==> flow/design.v <==
module dp_cmp_unit_rtl #(
    parameter integer DWIDTH = 14
) (
    input  wire clk_i,
    input  wire [DWIDTH-1:0] a_i,
    input  wire [DWIDTH-1:0] b_i,
    output wire less_o,
    output wire eq_o
);
    reg [DWIDTH-1:0] r_a;
    reg [DWIDTH-1:0] r_b;
    always @(posedge clk_i) begin
        r_a <= a_i;
        r_b <= b_i;
    end
    wire [DWIDTH:0] r = {1'b0, r_a} - {1'b0, r_b};
    assign less_o = r[DWIDTH];
    assign eq_o = ~|r[DWIDTH-1:0];
endmodule
* From RTL to reports: dp_cmp_unit_rtl *
Tool output for the design above, in the order of the flow.
Line numbers count from 1 in the design file above.
Library cell names are shortened.
A cell with -- has no value.

design
  top module = dp_cmp_unit_rtl
  clock port = clk_i
  library = sky130hd
  library corner = tt_025C_1v80

* Word level *
Yosys after proc, flatten, opt, wreduce and memory -nomap, before mapping. Enables and synchronous resets that opt folds into registers are not counted as muxes. Memory bits, and registers merged into a memory's read port (data or address), are not among the register bits. Print and check cells are not counted. Equal cells are merged and count once.

operators by class
  reductions and logical operators = 2
  add/sub/neg operators = 1

operators by type and width
  kind                                            count
  14-bit by 14-bit subtractor with 15-bit output  1
  14-bit OR reduction                             1
  1-bit zero test                                 1

bit counts
  cells after elaboration = 5
  flip-flop bits (word level) = 28

* Logic depth *
Depth = most cells in a row (Yosys ltp): at word level without a register or memory, in the mapped netlist without a sequential cell, where the memories' decode and read muxes count.

depth
  depth in word-level cells = 3
  ABC_AREA = 0
  mapped depth = 10

* Netlist *
Yosys stat after the flow's synthesis: flattened, memories mapped to cells. It holds for the ABC_AREA given above (unset counts as 0); a run with the other value may have another netlist.

mapped netlist
  cells in the netlist = 133
  area of sequential cells = 560.5 µm²
  mapped flip-flops = 28
  mapped area = 1306.3 µm²
  buffers = 1

cell types
  cell       count  total area (µm²)
  dfxtp_1    28     560.538
  ha_1       14     175.168
  inv_1      17     63.811
  xor2_1     4      35.034
  nand2b_1   5      31.28
  a211o_1    3      26.275
  nand2_1    7      26.275
  xnor2_1    3      26.275
  a21oi_1    5      25.024
  o21ai_1    5      25.024
  a21o_1     3      22.522
  fa_1       1      20.019
  nand3_1    4      20.019
  o21ai_0    4      20.019
  o2111ai_1  2      17.517
  a2111oi_2  1      15.014
  nor2_1     4      15.014
  a31oi_1    2      12.512

Not listed: further types 20, cells in them 21.

* Path before layout *
Path of least setup slack by OpenSTA after synthesis, without wires, with an ideal clock, recovery checks aside; 20% of the period is set as input and as output delay. Where synthesis merged equal registers, the netlist keeps one of their names.

path post-synthesis
  path kind = register to output
  start point = reg r_a[0]
  end point = out eq_o
  path delay = 2.280 ns
  launch time at the first pin = 0.000 ns
  period = 3.56 ns
  arrival = 2.280 ns
  path buffers = 0
  slack = 0.568 ns
  data required time = 2.848 ns
  stages = 11
  synthesis period reached = 2.992 ns

"path delay" = arrival - input delay + setup time.
At an output port there is no setup time.
"stages" counts driving pins, that of a launching flip-flop among them; a cell with two outputs on the path counts twice.
"synthesis period reached" = period - worst setup slack (recovery checks aside). The figure is calculated, with input and output delays left at 20% of the set period.
The rows between start and end are the longest chain of elaborated cells between them; the timing report does not say that the signal goes this way. Where chains are equally long, one stands for them.
A line is the first line of the expression or statement that the cell stems from. Yosys adds cells for indexed reads and writes and turns some case tables into memories.

on the way, post-synthesis
  cells stage by stage = dfxtp_1 inv_1 ha_1 fa_1 nand2b_2 a21oi_2 a211o_1 xor2_1 nor4_2 nand4_1 a2111oi_2
  cells in the longest elaborated chain = 3

RTL lines, path post-synthesis
  element                                         line  text
  start: declaration                              10    reg [DWIDTH-1:0] r_a;
  start: assignment                               13    r_a <= a_i;
  14-bit by 14-bit subtractor with 15-bit output  16    wire [DWIDTH:0] r = {1'b0, r_a} - {1'b0, r_b};
  14-bit OR reduction                             18    assign eq_o = ~|r[DWIDTH-1:0];
  1-bit zero test                                 18
  end: declaration                                8     output wire eq_o

* Timing after layout *
From the final timing report of run A: the path of least setup slack in the routed layout; clock arrival at registers is part of the times.

path post-layout
  path kind = register to output
  start point = reg r_a[0]
  end point = out eq_o
  slack = 0.17 ns
  stages = 11
  data required time = 2.85 ns
  arrival = 2.68 ns
  period = 3.56 ns
  path buffers = 1
  launch time at the first pin = 0.32 ns

The rows between start and end are the longest chain of elaborated cells between them; the timing report does not say that the signal goes this way. Where chains are equally long, one stands for them.

on the way, post-layout
  cells stage by stage = dfxtp_1 inv_1 ha_2 fa_2 o2111ai_1 a311oi_1 o311ai_1 nor4_2 nand4_1 a2111oi_2 buf_2
  cells in the longest elaborated chain = 3

RTL lines, path post-layout
  element                                         line  text
  start: declaration                              10    reg [DWIDTH-1:0] r_a;
  start: assignment                               13    r_a <= a_i;
  14-bit by 14-bit subtractor with 15-bit output  16    wire [DWIDTH:0] r = {1'b0, r_a} - {1'b0, r_b};
  14-bit OR reduction                             18    assign eq_o = ~|r[DWIDTH-1:0];
  1-bit zero test                                 18
  end: declaration                                8     output wire eq_o

==> runs of dp_cmp_unit_rtl <==
Stored flow runs of dp_cmp_unit_rtl (3 of them; Yosys, OpenROAD, sky130hd). They differ in their settings and are not a sequence. Constraints: input delay and output delay 20% of the set period each, output load 0.01 pF.
"achieved clock period" means the clock period less the worst setup slack. The figure is calculated, with input and output delays left at 20% of the set period.
"critical path time": the worst setup path's part of the clock period (all of it between registers, 20% less for each end at a port) less its slack. A launch clock that arrives late makes it longer, a capture clock that arrives late makes it shorter.
"overall power" rests on the timing tool's default activity at the inputs, not on a simulated workload.
A setting shown as - is not set for that run.
A result given as - is not shown for that run.

item                                    run A               run B  run C
period_ns                               3.56                4.02   2.47
CAP_MARGIN                              20                  20     20
CORE_MARGIN                             2                   2      2
CORE_UTILIZATION                        40                  58     45
SLEW_MARGIN                             20                  20     30
PLACE_DENSITY_LB_ADDON                  -                   0.11   -
CELL_PAD_IN_SITES_GLOBAL_PLACEMENT      -                   1      0
CELL_PAD_IN_SITES_DETAIL_PLACEMENT      -                   0      0
TNS_END_PERCENT                         -                   85     -
GPL_ROUTABILITY_DRIVEN                  -                   0      0
CTS_CLUSTER_DIAMETER                    -                   277    45
MAX_ROUTING_LAYER                       -                   met4   met4
SETUP_SLACK_MARGIN                      -                   -      0.36
PLACE_DENSITY                           -                   -      0.9
HOLD_SLACK_MARGIN                       -                   -      0.25
MIN_ROUTING_LAYER                       -                   -      met1
post-synthesis cell area (µm²)          1306.3              -      1306.3
die area (µm²)                          3738.7              -      3349.5
standard-cell area after routing (µm²)  1706.6              -      1973.1
utilization in the final report (%)     55.4                -      71.6
worst setup slack after layout (ns)     0.172               -      -0.715
final setup TNS (ns)                    0.000               -      -1.233
worst-case hold slack (ns)              0.813               -      0.585
overall power (uW)                      644.6               -      1101
achieved clock period (ns)              3.388               -      3.185
critical path time (ns)                 2.68                -      2.69
worst setup path type                   register to output  -      register to output

Run B: no final report: placement broke off with FLW-0024
